==> flow/design.v <==
module my_mul_core_blk #(
  parameter int DWIDTH = 16,
  parameter int COEF = 2731,
  parameter int OUT_W = DWIDTH + $clog2(COEF + 1)
) (
  input  logic core_clk,
  input  logic aresetn,
  input  logic [DWIDTH-1:0] opa,
  output logic [OUT_W-1:0] p
);
  logic [DWIDTH-1:0] opa_r;
  always_ff @(posedge core_clk or negedge aresetn) begin
    if (~aresetn) begin
      opa_r <= '0;
    end else begin
      opa_r <= opa;
    end
  end
  assign p = opa_r * COEF;
endmodule
# --- From RTL to reports: my_mul_core_blk ---
# Tool output for the design above, in the order of the flow.
# Lines are those of the file above, counted from 1.
# Cell names lack the library's common part.
inputs:
  top: "my_mul_core_blk"
  clock: "core_clk"
  cell_library: "sky130hd"
  pvt_corner: "tt_025C_1v80"

# --- Word level ---
# Source: Yosys, flattened and elaborated, memories not mapped. Widths are those after wreduce; folded enables and synchronous resets count as part of the registers. Registers that Yosys merges into a memory's read port (data or address) are not register bits. Print and check cells do not count. Equal cells are merged and count once.
word_totals:
  in_bits: 18
  output_inout_bits: 28
  reg_bits: 16
  word_cells: 2
op_classes:
  multipliers: 1
ops:
  columns: ["operator", "n"]
  rows:
  - ["multiplier 16 x 12 -> 28 bit with constant B", 1]

# --- Longest topological paths ---
# Yosys ltp: most cells in a row. Word level: on the elaborated netlist, between registers, memories and ports. Mapped: between sequential cells and ports; inverters and the memories' decode and read muxes count.
logic_depth:
  ltp_word: 1
  abc_area: 1
  mapped_depth: 21
  mapped_depth_nobuf: 21

# --- Synthesis result ---
# The flow's flattened synthesis, as Yosys stat reports it; memories are mapped. The netlist is that of the ABC_AREA named above (0 if unset); the other value can give another one.
# The area totals of this step are shown rounded.
mapped:
  cell_count: 651
  seq_area_mm2: 0.0004
  n_buf: 1
  flip_flops: 16
  area_mm2: 0.00489
by_type:
  columns: ["cell", "n", "area_total_um2"]
  rows:
  - ["ha_1", 102, 1.28E+03]
  - ["fa_1", 59, 1.18E+03]
  - ["inv_1", 217, 814.531]
  - ["nand2_1", 149, 559.286]
  - ["dfrtp_1", 16, 400.384]
  - ["xor2_1", 12, 105.101]
  - ["nand3_1", 20, 100.096]
  - ["nand2_2", 14, 87.584]
  - ["nor2_2", 10, 62.56]
  - ["a21oi_1", 12, 60.058]
  - ["nor2_1", 16, 60.058]
  - ["nand3_2", 5, 50.048]
  - ["nor2_4", 3, 33.782]
  - ["nand4_1", 5, 31.28]
  - ["xnor2_1", 2, 17.517]
  - ["inv_2", 3, 11.261]
  - ["nor3_1", 2, 10.01]
  - ["a21oi_2", 1, 8.758]
# Other cell types: 3; their cells: 3.

# --- Timing after synthesis ---
# Path of least setup slack by OpenSTA after synthesis, without wires, with an ideal clock, recovery checks aside; 20% of the period is set as input and as output delay. Where synthesis merged equal registers, the netlist keeps one of their names.
synth_timing:
  kind: "reg2out"
  start: "reg opa_r[5]"
  end: "out p[20]"
  path_slack_ns: 1.609
  path_stages: 18
  path_delay_ns: 4.055
  arrival_ns: 4.055
  period_ns: 7.08
  output_delay_ns: 1.416
  launch_ns: 0.000
  period_less_setup_slack_ns: 5.471
# "path_delay_ns" = arrival - input delay + setup time.
# A path that ends at an output port has no setup time.
# "path_stages": output pins that drive a net of the path, with the launching flip-flop's if there is one; two outputs of one cell count as two.
# "period_less_setup_slack_ns" is the clock period less the worst setup slack; recovery checks do not enter. This is arithmetic on one report: input and output delays are still those of the set period (20% each).
# Between the ends stands the longest chain of elaborated cells between them, by number of cells; it is not shown to be the way that was timed. Of several equally long chains one is given.
# A line is the first line of the expression or statement that the cell stems from. Yosys adds cells for indexed reads and writes and turns some case tables into memories.
synth_between:
  path_cell_list: "dfrtp_1 ha_1 fa_1 inv_1 fa_1 inv_1 fa_1 inv_1 fa_1 inv_1 ha_1 nand2_2 inv_1 a21oi_2 nor2_1 nor2_1 nand3_1 nand2_1"
  elab_chain_len: 1
  cone_cells: 1
synth_rtl:
  columns: ["item", "line", "source"]
  rows:
  - ["start: declaration", 11, "logic [DWIDTH-1:0] opa_r;"]
  - ["start: assignment", 14, "opa_r <= '0;"]
  - ["start: assignment", 16, "opa_r <= opa;"]
  - ["multiplier 16 x 12 -> 28 bit", 19, "assign p = opa_r * COEF;"]
  - ["end: declaration", 9, "output logic [OUT_W-1:0] p"]

# --- Path in the finished layout ---
# Path of least setup slack in the final report of run 1 (OpenROAD, finished layout, wires in). Where an end is a register, its clock arrival counts in the times.
layout_timing:
  kind: "reg2out"
  start: "reg opa_r[5]"
  end: "out p[23]"
  launch_ns: 0.24
  arrival_ns: 4.40
  path_slack_ns: 2.01
  path_stages: 20
  period_ns: 8.01
  output_delay_ns: 1.60
# Between the ends stands the longest chain of elaborated cells between them, by number of cells; it is not shown to be the way that was timed. Of several equally long chains one is given.
layout_between:
  path_cell_list: "dfrtp_2 ha_4 inv_2 fa_2 fa_1 inv_1 fa_1 inv_2 fa_1 inv_2 ha_4 nand2_8 inv_4 nand2_2 nor2_4 nand3b_1 nand3_1 nand2_1 nand2_1 buf_6"
  elab_chain_len: 1
  cone_cells: 1
layout_rtl:
  columns: ["item", "line", "source"]
  rows:
  - ["start: declaration", 11, "logic [DWIDTH-1:0] opa_r;"]
  - ["start: assignment", 14, "opa_r <= '0;"]
  - ["start: assignment", 16, "opa_r <= opa;"]
  - ["multiplier 16 x 12 -> 28 bit", 19, "assign p = opa_r * COEF;"]
  - ["end: declaration", 9, "output logic [OUT_W-1:0] p"]

# Stored flow runs of my_mul_core_blk (3 of them; Yosys, OpenROAD, sky130hd). They differ in their settings and are not a sequence. Constraints: input delay and output delay 20% of the set period each, output load 0.01 pF.
# "clock_period_reached_ns" means the clock period less the worst setup slack. The figure is calculated, with input and output delays left at 20% of the set period.
# "critical_path_time_ns" is the time allowed to the run's worst setup path (the clock period less input and output delay, where it has them) less its slack. Clock arrival times count: a late capture clock shortens it, a late launch clock lengthens it.
# The results are shown rounded.
runs:
  - name: "run 1"
    settings:
      period_ns: 8.01
      CORE_UTILIZATION: 15
      SETUP_SLACK_MARGIN: 2.2
      PLACE_DENSITY_LB_ADDON: 0.19
      CORE_MARGIN: 10
      ABC_AREA: 1
      CTS_CLUSTER_SIZE: 82
      CAP_MARGIN: 5
      SLEW_MARGIN: 5
      MIN_ROUTING_LAYER: "met2"
    results:
      synthArea_mm2: 0.00489
      die_footprint_mm2: 0.0402
      layout_stdcell_area_mm2: 0.00707
      layout_utilization_pct: 21.8
      final_setup_ws_ns: 2.01
      setupTns_ns: 0.000
      clock_period_reached_ns: 6.002
      critical_path_time_ns: 4.40
      path_kind: "reg2out"
  - name: "run 2"
    settings:
      period_ns: 7.08
      CAP_MARGIN: 20
      CORE_MARGIN: 2
      CORE_UTILIZATION: 40
      SLEW_MARGIN: 20
    results:
      synthArea_mm2: 0.00433
      die_footprint_mm2: 0.0117
      layout_stdcell_area_mm2: 0.00503
      layout_utilization_pct: 47.0
      final_setup_ws_ns: 0.163
      setupTns_ns: 0.000
      clock_period_reached_ns: 6.917
      critical_path_time_ns: 5.50
      path_kind: "reg2out"
  - name: "run 3"
    settings:
      period_ns: 8.85
      CORE_UTILIZATION: 32
      SETUP_SLACK_MARGIN: -0.18
      PLACE_DENSITY_LB_ADDON: 0.27
      CELL_PAD_IN_SITES_GLOBAL_PLACEMENT: 1
      CELL_PAD_IN_SITES_DETAIL_PLACEMENT: 1
      TNS_END_PERCENT: 30
      GPL_TIMING_DRIVEN: 1
      CAP_MARGIN: 25
      CORE_MARGIN: 2
      SLEW_MARGIN: 20
    results:
      synthArea_mm2: 0.00433
      die_footprint_mm2: 0.0145
      layout_stdcell_area_mm2: 0.00508
      layout_utilization_pct: 38.4
      final_setup_ws_ns: 1.43
      setupTns_ns: 0.000
      clock_period_reached_ns: 7.416
      critical_path_time_ns: 5.65
      path_kind: "reg2out"
